==> flow/design.v <==
module gen_comparator_rtl #(
    parameter integer WD = 7
) (
    input wire sys_clk,
    input wire [WD-1:0] opa,
    input wire [WD-1:0] opb,
    input wire [WD-1:0] opc,
    output reg between
);
    reg [WD-1:0] opa_s;
    reg [WD-1:0] opb_s;
    reg [WD-1:0] opc_s;
    always @(posedge sys_clk) begin
        opa_s <= opa;
        opb_s <= opb;
        opc_s <= opc;
        between <= (opa_s >= opb_s) && (opa_s <= opc_s);
    end
endmodule
Ticket comment

Tool chain data of gen_comparator_rtl --
Module gen_comparator_rtl in several versions that differ in "WD"; each step lists the members. The RTL above is that of WD 7; lines are counted from 1 in the file of the member named. Library cell names are shortened. A cell with - has no value.
Inputs: design top gen_comparator_rtl, clock sys_clk, library sky130hd, corner tt_025C_1v80

Members of the sweep --
Lines of each other member's file that are new or changed against the file above; lines that a member lacks are not shown.
Lines new or changed:
- WD 24 | RTL line 2 | parameter integer WD = 24
- WD 36 | RTL line 2 | parameter integer WD = 36
- WD 48 | RTL line 2 | parameter integer WD = 48
- WD 56 | RTL line 2 | parameter integer WD = 56

Word-level counts --
Source: Yosys, flattened and elaborated, memories not mapped. Widths are those after wreduce; folded enables and synchronous resets count as part of the registers. Registers that Yosys merges into a memory's read port (data or address) are not register bits. Print and check cells do not count. Equal cells are merged and count once.
Operators by class:
- WD 7 | $lt $le $gt $ge 2, reduce/logical cells 1
- WD 24 | $lt $le $gt $ge 2, reduce/logical cells 1
- WD 36 | $lt $le $gt $ge 2, reduce/logical cells 1
- WD 48 | $lt $le $gt $ge 2, reduce/logical cells 1
- WD 56 | $lt $le $gt $ge 2, reduce/logical cells 1
Operators by type and width (kinds with counts):
- WD 7 | greater-or-equal comparator 7 bit (1); less-or-equal comparator 7 bit (1); logical AND 1 bit (1)
- WD 24 | greater-or-equal comparator 24 bit (1); less-or-equal comparator 24 bit (1); logical AND 1 bit (1)
- WD 36 | greater-or-equal comparator 36 bit (1); less-or-equal comparator 36 bit (1); logical AND 1 bit (1)
- WD 48 | greater-or-equal comparator 48 bit (1); less-or-equal comparator 48 bit (1); logical AND 1 bit (1)
- WD 56 | greater-or-equal comparator 56 bit (1); less-or-equal comparator 56 bit (1); logical AND 1 bit (1)
Storage and ports:
- WD 7 | register bits 22, input bits 22, output and inout port bits 1, elaborated cells 7
- WD 24 | register bits 73, input bits 73, output and inout port bits 1, elaborated cells 7
- WD 36 | register bits 109, input bits 109, output and inout port bits 1, elaborated cells 7
- WD 48 | register bits 145, input bits 145, output and inout port bits 1, elaborated cells 7
- WD 56 | register bits 169, input bits 169, output and inout port bits 1, elaborated cells 7

Longest topological paths --
Depth = most cells in a row (Yosys ltp): at word level without a register or memory, in the mapped netlist without a sequential cell, where the memories' decode and read muxes count.
Depth:
- WD 7 | word-level depth 2, ABC_AREA 0, mapped depth 6, mapped depth without buffers 6
- WD 24 | word-level depth 2, ABC_AREA 0, mapped depth 8, mapped depth without buffers 8
- WD 36 | word-level depth 2, ABC_AREA 0, mapped depth 8, mapped depth without buffers 8
- WD 48 | word-level depth 2, ABC_AREA 0, mapped depth 8, mapped depth without buffers 8
- WD 56 | word-level depth 2, ABC_AREA 0, mapped depth 9, mapped depth without buffers 9

After synthesis --
Source: synth_stat.txt of the flow (Yosys; design flattened, memories mapped). It holds for the ABC_AREA given above (unset counts as 0); a run with the other value may have another netlist.
Cells by type (types with counts):
- WD 7 | dfxtp_1 (22); ha_1 (14); inv_1 (13); a21oi_1 (4); o221ai_2 (1); nand2b_4 (1); nor2_1 (3); o32a_1 (1); o2111ai_1 (1); a211oi_1 (1); nand3b_1 (1); nand4_1 (1); nor2b_1 (1); nand3_1 (1); nor3_1 (1); o21ai_0 (1)
- WD 24 | dfxtp_1 (73); ha_1 (48); inv_1 (47); a21oi_1 (16); a21o_1 (5); nand4_1 (6); nand2_1 (9); nand4_2 (2); nand3_1 (4); o21ai_0 (4); nor2_1 (5); a2111oi_0 (2); a211oi_1 (2); o211ai_1 (2); nor4_2 (1); a221o_1 (1); a211o_1 (1); a221oi_1 (1); [+7]
- WD 36 | dfxtp_1 (109); ha_1 (72); inv_1 (74); a21oi_1 (26); a21o_1 (9); nand4_1 (9); nand2_1 (14); nand3_1 (10); nand4_4 (2); nand4_2 (3); a221oi_1 (3); a211oi_1 (3); nor4_4 (1); o21ai_0 (4); nor2_1 (5); nor3_1 (3); nor4_2 (1); o21ai_1 (2); [+10]
- WD 48 | dfxtp_1 (145); ha_1 (96); inv_1 (97); a21oi_1 (39); nand2_1 (25); nand4_1 (12); nand4_2 (5); a21o_1 (7); nand3_1 (10); o21ai_0 (9); a221oi_1 (5); and4_1 (3); nor4_2 (2); nor4_4 (1); and3_1 (3); nor3_4 (1); a211oi_1 (2); nor2_1 (4); [+22]
- WD 56 | dfxtp_1 (169); ha_1 (112); inv_1 (115); a21oi_1 (41); nand2_1 (35); nand4_1 (16); a21o_1 (13); o21ai_0 (14); a221oi_1 (5); nor2_1 (10); nor4_2 (3); a211oi_1 (4); o211ai_1 (4); o21a_1 (3); nor4_4 (1); a2111oi_0 (2); nand3_1 (3); nor2b_1 (2); [+13]
The mark [+n] counts cells that are not listed.
Synthesis totals:
- WD 7 | cell count 67, mapped area 0.0007858 mm^2, sequential part of the area 0.0004404 mm^2, mapped flip-flops 22, buffers 0
- WD 24 | cell count 236, mapped area 0.002645 mm^2, sequential part of the area 0.0014614 mm^2, mapped flip-flops 73, buffers 0
- WD 36 | cell count 360, mapped area 0.0040214 mm^2, sequential part of the area 0.0021821 mm^2, mapped flip-flops 109, buffers 0
- WD 48 | cell count 488, mapped area 0.0053752 mm^2, sequential part of the area 0.0029028 mm^2, mapped flip-flops 145, buffers 0
- WD 56 | cell count 565, mapped area 0.0061934 mm^2, sequential part of the area 0.0033832 mm^2, mapped flip-flops 169, buffers 0

Timing after synthesis --
Source: OpenSTA report_checks on the synthesized netlist (no wires, ideal clock, input and output delay 20% of the period each), path of least setup slack; recovery checks are left aside. Register names are those of the netlist, which keeps one name where synthesis merged equal registers.
Timing path post-synthesis:
- WD 7 | path type flip-flop to flip-flop, start reg opa_s[0], end reg between, period 1.58 ns, slack 0.312 ns, stages on the path 6, path delay 1.268 ns, synthesis period reached 1.268 ns
- WD 24 | path type flip-flop to flip-flop, start reg opc_s[21], end reg between, period 2.14 ns, slack 0.427 ns, stages on the path 8, path delay 1.713 ns, synthesis period reached 1.713 ns
- WD 36 | path type flip-flop to flip-flop, start reg opc_s[17], end reg between, period 2.06 ns, slack 0.411 ns, stages on the path 9, path delay 1.650 ns, synthesis period reached 1.649 ns
- WD 48 | path type flip-flop to flip-flop, start reg opb_s[15], end reg between, period 2.08 ns, slack 0.416 ns, stages on the path 9, path delay 1.665 ns, synthesis period reached 1.664 ns
- WD 56 | path type flip-flop to flip-flop, start reg opc_s[21], end reg between, period 2.24 ns, slack 0.450 ns, stages on the path 8, path delay 1.790 ns, synthesis period reached 1.79 ns
"path delay" = arrival - input delay + setup time. "stages on the path": output pins that drive a net of the path, with the launching flip-flop's if there is one; two outputs of one cell count as two. "synthesis period reached" is the clock period less the worst setup slack; recovery checks do not enter. This is arithmetic on one report: input and output delays are still those of the set period (20% each). Between the ends stands the longest chain of elaborated cells between them, by number of cells; it is not shown to be the way that was timed. Of several equally long chains one is given. Each line given opens the expression or statement behind the cell; cells for indexed reads and writes are added by Yosys, which also makes memories of some case tables.
Between the ends, post-synthesis, WD 7: length of the longest elaborated chain 2
RTL lines, path post-synthesis, WD 7:
- start, declared | RTL line 10 | reg [WD-1:0] opa_s;
- start, assigned | RTL line 14 | opa_s <= opa;
- greater-or-equal comparator 7 bit | RTL line 17 | between <= (opa_s >= opb_s) && (opa_s <= opc_s);
- logical AND 1 bit | RTL line 17
- end, assigned | RTL line 17
- end, declared | RTL line 8 | output reg between
Between the ends, post-synthesis, WD 56: length of the longest elaborated chain 2
RTL lines, path post-synthesis, WD 56:
- start, declared | RTL line 12 | reg [WD-1:0] opc_s;
- start, assigned | RTL line 16 | opc_s <= opc;
- less-or-equal comparator 56 bit | RTL line 17 | between <= (opa_s >= opb_s) && (opa_s <= opc_s);
- logical AND 1 bit | RTL line 17
- end, assigned | RTL line 17
- end, declared | RTL line 8 | output reg between

Worst path after layout --
From the final timing report of the run of each member: the path of least setup slack in the routed layout; clock arrival at registers is part of the times.
Timing path post-layout:
- WD 7 | path type flip-flop to output port, start reg between, end out between, period 1.58 ns, slack 0.11 ns, stages on the path 2, data arrival time 1.15 ns, path buffers 1
- WD 24 | path type flip-flop to flip-flop, start reg opa_s[21], end reg between, period 2.14 ns, slack 0.24 ns, stages on the path 7, data arrival time 2.17 ns, path buffers 0
- WD 36 | path type flip-flop to flip-flop, start reg opc_s[19], end reg between, period 2.06 ns, slack 0.13 ns, stages on the path 9, data arrival time 2.19 ns, path buffers 0
- WD 48 | path type flip-flop to flip-flop, start reg opc_s[27], end reg between, period 2.08 ns, slack 0.19 ns, stages on the path 9, data arrival time 2.19 ns, path buffers 0
- WD 56 | path type flip-flop to flip-flop, start reg opb_s[11], end reg between, period 2.24 ns, slack 0.20 ns, stages on the path 10, data arrival time 2.35 ns, path buffers 0

Layout results --
Settings and results of one run of the flow (Yosys, OpenROAD) for each member follow. The constraints put input and output delay at 20% of the set period each and load the outputs with 0.01 pF.
Settings: CAP_MARGIN 20, CORE_MARGIN 2, CORE_UTILIZATION 40, SLEW_MARGIN 20
Settings that differ (period_ns):
- WD 7 | 1.58
- WD 24 | 2.14
- WD 36 | 2.06
- WD 48 | 2.08
- WD 56 | 2.24
Final reports:
- WD 7 | synthesis area 0.0007858 mm^2, area inside the die boundary 0.0023348 mm^2, standard-cell area after layout 0.001076 mm^2, final utilization 56.6%, worst setup slack after layout 0.114 ns, total negative slack on setup checks 0.000 ns, worst hold slack in the final report 0.446 ns, power 1025 uW, period achieved 1.466 ns
- WD 24 | synthesis area 0.002645 mm^2, area inside the die boundary 0.0072786 mm^2, standard-cell area after layout 0.0037161 mm^2, final utilization 58.2%, worst setup slack after layout 0.242 ns, total negative slack on setup checks 0.000 ns, worst hold slack in the final report 0.517 ns, power 3079 uW, period achieved 1.898 ns
- WD 36 | synthesis area 0.0040214 mm^2, area inside the die boundary 0.0108712 mm^2, standard-cell area after layout 0.0054602 mm^2, final utilization 55.9%, worst setup slack after layout 0.130 ns, total negative slack on setup checks 0.000 ns, worst hold slack in the final report 0.479 ns, power 3978 uW, period achieved 1.930 ns
- WD 48 | synthesis area 0.0053752 mm^2, area inside the die boundary 0.0143808 mm^2, standard-cell area after layout 0.0076436 mm^2, final utilization 57.9%, worst setup slack after layout 0.194 ns, total negative slack on setup checks 0.000 ns, worst hold slack in the final report 0.439 ns, power 6719 uW, period achieved 1.886 ns
- WD 56 | synthesis area 0.0061934 mm^2, area inside the die boundary 0.0164955 mm^2, standard-cell area after layout 0.0086971 mm^2, final utilization 57.4%, worst setup slack after layout 0.199 ns, total negative slack on setup checks 0.000 ns, worst hold slack in the final report 0.471 ns, power 6689 uW, period achieved 2.041 ns
By "period achieved" is meant the clock period of the run minus its worst setup slack. This is arithmetic on one report: input and output delays are still those of the set period (20% each). By "power" is meant OpenSTA's value without simulated activity: inputs other than the clock are taken to toggle once in ten clock periods, and the tool carries that through the logic.
